==> flow/design.v <==
module alu_relation (sys_clk, rstn, i_dataa, i_datab, i_datac, o_in_range);
    parameter integer NBITS = 48;
    input sys_clk;
    input rstn;
    input [NBITS-1:0] i_dataa;
    input [NBITS-1:0] i_datab;
    input [NBITS-1:0] i_datac;
    output o_in_range;
    reg [NBITS-1:0] dataa_q;
    reg [NBITS-1:0] datab_q;
    reg [NBITS-1:0] datac_q;
    assign o_in_range = (dataa_q >= datab_q) && (dataa_q <= datac_q);
    always @(posedge sys_clk) begin
        if (!rstn) begin
            dataa_q <= 0;
            datab_q <= 0;
            datac_q <= 0;
        end else begin
            dataa_q <= i_dataa;
            datab_q <= i_datab;
            datac_q <= i_datac;
        end
    end
endmodule
==> Reports on alu_relation <==
What the tools print for alu_relation, step after step.
Line numbers count from 1 in the design file above.
{ "inputs": {"design": "alu_relation", "clock_port": "sys_clk", "library": "sky130hd", "corner": "tt_025C_1v80"} }

==> Word level <==
Yosys after proc, flatten, opt, wreduce and memory -nomap, before mapping. Enables and synchronous resets that opt folds into registers are not counted as muxes. Memory bits, and registers merged into a memory's read port (data or address), are not among the register bits. Print and check cells are not counted. Equal cells are merged and count once.
{ "bits": {"reg_bits": 144, "latchBits": 0, "ram_bits": 0, "rom_bits": 0, "clocked_rd_ports_x_width": 0, "mem_count": 0, "elab_cells": 6} }
{ "op_classes": {"add_sub_neg": 0, "multipliers": 0, "div": 0, "n_cmp": 2, "equal": 0, "shifts": 0, "mux": 0, "bitwise": 0, "n_reduce_logical": 1} }
{ "ops": {"columns": ["op", "n"], "rows": [
  [">= comparator 48 bit", 1],
  ["less-or-equal comparator 48 bit", 1],
  ["logical AND 1 bit", 1]
]} }

==> Longest topological paths <==
Longest topological path by Yosys (ltp), each cell counted once; first at word level (registers and memories cut), then after technology mapping (sequential cells cut; the memories' decode and read muxes count).
{ "logic_depth": {"ltp_word": 2, "ABC_AREA": 0, "depth_mapped": 9, "depth_no_buf": 9} }

==> Mapped cells and area <==
The flow's flattened synthesis, as Yosys stat reports it; memories are mapped. The netlist is that of the ABC_AREA named above (0 if unset); the other value can give another one.
{ "types": {"columns": ["type", "n"], "rows": [
  ["sky130_fd_sc_hd__dfxtp_1", 144],
  ["sky130_fd_sc_hd__ha_1", 96],
  ["sky130_fd_sc_hd__and2_1", 144],
  ["sky130_fd_sc_hd__inv_1", 96],
  ["sky130_fd_sc_hd__a21oi_1", 34],
  ["sky130_fd_sc_hd__nand4_1", 15],
  ["sky130_fd_sc_hd__a2111oi_4", 3],
  ["sky130_fd_sc_hd__nand2_1", 21],
  ["sky130_fd_sc_hd__clkbuf_1", 15],
  ["sky130_fd_sc_hd__a21o_1", 6],
  ["sky130_fd_sc_hd__o21ai_0", 9],
  ["sky130_fd_sc_hd__nor4_4", 2],
  ["sky130_fd_sc_hd__nand3_1", 7],
  ["sky130_fd_sc_hd__nor2_1", 9],
  ["sky130_fd_sc_hd__a211oi_1", 4],
  ["sky130_fd_sc_hd__nand4_2", 2],
  ["sky130_fd_sc_hd__nand3_2", 2],
  ["sky130_fd_sc_hd__a21oi_2", 2]
]} }
Other cell types: 23; their cells: 27.
{ "synth_totals": {"cell_count": 638, "yosys_area_um2": 6344.8, "seqArea_um2": 2882.8, "ff_cells": 144} }

==> Timing after synthesis <==
Path of least setup slack by OpenSTA after synthesis, without wires, with an ideal clock, recovery checks aside; 20% of the period is set as input and as output delay. Where synthesis merged equal registers, the netlist keeps one of their names.
{ "synth_timing": {"path_type": "register to output", "startpoint": "reg datab_q[33]", "endpoint": "out o_in_range", "period_ns": 2.7, "output_delay_ns": 0.540, "t_arrival_ns": 1.727, "path_slack_ns": 0.433, "path_delay_ns": 1.727, "stages": 10, "path_buffers": 0, "period_less_setup_slack_ns": 2.267} }
"path_delay_ns" = arrival - input delay + setup time.
A path that ends at an output port has no setup time.
"stages" counts driving pins, that of a launching flip-flop among them; a cell with two outputs on the path counts twice.
"period_less_setup_slack_ns" is the clock period less the worst setup slack; recovery checks do not enter. This is arithmetic on one report: input and output delays are still those of the set period (20% each).
Between the ends stands the longest chain of elaborated cells between them, by number of cells; it is not shown to be the way that was timed. Of several equally long chains one is given.
A line is the first line of the expression or statement that the cell stems from. Yosys adds cells for indexed reads and writes and turns some case tables into memories.
{ "synth_between": {"path_cell_list": "sky130_fd_sc_hd__dfxtp_1 sky130_fd_sc_hd__inv_1 sky130_fd_sc_hd__ha_1 sky130_fd_sc_hd__a21o_1 sky130_fd_sc_hd__nand3_2 sky130_fd_sc_hd__a21oi_2 sky130_fd_sc_hd__a2111oi_4 sky130_fd_sc_hd__nor3_2 sky130_fd_sc_hd__a2111oi_4 sky130_fd_sc_hd__a22oi_2", "elab_chain_cells": 2, "cone_cells": 2, "cone_lines": 1} }
{ "synth_rtl": {"columns": ["element", "line_no", "source"], "rows": [
  ["from (decl)", 10, "reg [NBITS-1:0] datab_q;"],
  ["from (assign)", 16, "datab_q <= 0;"],
  ["from (assign)", 20, "datab_q <= i_datab;"],
  [">= comparator 48 bit", 12, "assign o_in_range = (dataa_q >= datab_q) && (dataa_q <= datac_q);"],
  ["logical AND 1 bit", 12, null],
  ["to (decl)", 8, "output o_in_range;"]
]} }

==> Path in the finished layout <==
Path of least setup slack in the final report of flow run A (OpenROAD, finished layout, wires in). Where an end is a register, its clock arrival counts in the times.
{ "layout_timing": {"path_type": "register to output", "startpoint": "reg dataa_q[43]", "endpoint": "out o_in_range", "period_ns": 2.35, "output_delay_ns": 0.47, "t_arrival_ns": 2.39, "path_slack_ns": -0.51, "stages": 10, "path_buffers": 2} }
Between the ends stands the longest chain of elaborated cells between them, by number of cells; it is not shown to be the way that was timed. Of several equally long chains one is given.
{ "layout_between": {"path_cell_list": "sky130_fd_sc_hd__dfxtp_1 sky130_fd_sc_hd__buf_4 sky130_fd_sc_hd__ha_1 sky130_fd_sc_hd__nand2_1 sky130_fd_sc_hd__nor2_1 sky130_fd_sc_hd__a211oi_1 sky130_fd_sc_hd__o21ai_0 sky130_fd_sc_hd__a2111oi_4 sky130_fd_sc_hd__a22oi_2 sky130_fd_sc_hd__buf_4", "elab_chain_cells": 2, "cone_cells": 3, "cone_lines": 1} }
{ "layout_rtl": {"columns": ["element", "line_no", "source"], "rows": [
  ["from (decl)", 9, "reg [NBITS-1:0] dataa_q;"],
  ["from (assign)", 15, "dataa_q <= 0;"],
  ["from (assign)", 19, "dataa_q <= i_dataa;"],
  [">= comparator 48 bit", 12, "assign o_in_range = (dataa_q >= datab_q) && (dataa_q <= datac_q);"],
  ["logical AND 1 bit", 12, null],
  ["to (decl)", 8, "output o_in_range;"]
]} }

## Implementation results

Module alu_relation, platform sky130hd: 3 stored runs of the flow (Yosys, OpenROAD) with differing settings, in no particular order. Input and output delays are each 20% of the period that was set; the output load is 0.01 pF.
By "achieved clock period (ns)" is meant the clock period of the run minus its worst setup slack. This is arithmetic on one report: input and output delays are still those of the set period (20% each).
"worst setup path time (ns)" = time allowed to the worst setup path (clock period - input delay - output delay, where it has them) - its slack; a late launch clock adds to it, a late capture clock takes from it.
By "finish__power__total" is meant OpenSTA's value without simulated activity: inputs other than the clock are taken to toggle once in ten clock periods, and the tool carries that through the logic.

settings of flow run A
{
  "period_ns": 2.35,
  "CORE_UTILIZATION": 56,
  "CORE_ASPECT_RATIO": 1.05,
  "CELL_PAD_IN_SITES_GLOBAL_PLACEMENT": 0,
  "TNS_END_PERCENT": 70,
  "GPL_TIMING_DRIVEN": 1,
  "CTS_CLUSTER_DIAMETER": 317,
  "CAP_MARGIN": 15,
  "SLEW_MARGIN": 15,
  "CORE_MARGIN": 2
}
report of flow run A
yosys chip area after synthesis (um^2): 6344.8
finish__design__die__area: 12197.4
finish__design__instance__utilization: 0.8220
finish__timing__setup__ws: -0.513
finish__timing__setup__tns: -0.513
finish__timing__hold__ws: 0.620
finish__power__total: 6.427e-03
achieved clock period (ns): 2.863
worst setup path time (ns): 2.39
worst setup path kind: register to output

settings of flow run B
{
  "period_ns": 2.79,
  "CORE_UTILIZATION": 69,
  "SETUP_SLACK_MARGIN": -0.19,
  "PLACE_DENSITY_LB_ADDON": 0.21,
  "CORE_MARGIN": 3,
  "CELL_PAD_IN_SITES_DETAIL_PLACEMENT": 1,
  "CTS_CLUSTER_SIZE": 73,
  "MAX_ROUTING_LAYER": "met5",
  "CAP_MARGIN": 20,
  "SLEW_MARGIN": 20
}
report of flow run B: did not finish, place, DPL-0033

settings of flow run C
{
  "period_ns": 2.7,
  "CAP_MARGIN": 20,
  "CORE_MARGIN": 2,
  "CORE_UTILIZATION": 40,
  "SLEW_MARGIN": 20
}
report of flow run C
yosys chip area after synthesis (um^2): 6344.8
finish__design__die__area: 16885.7
finish__design__instance__utilization: 0.5745
finish__timing__setup__ws: -0.245
finish__timing__setup__tns: -0.245
finish__timing__hold__ws: 0.684
finish__power__total: 5.330e-03
achieved clock period (ns): 2.945
worst setup path time (ns): 2.41
worst setup path kind: register to output
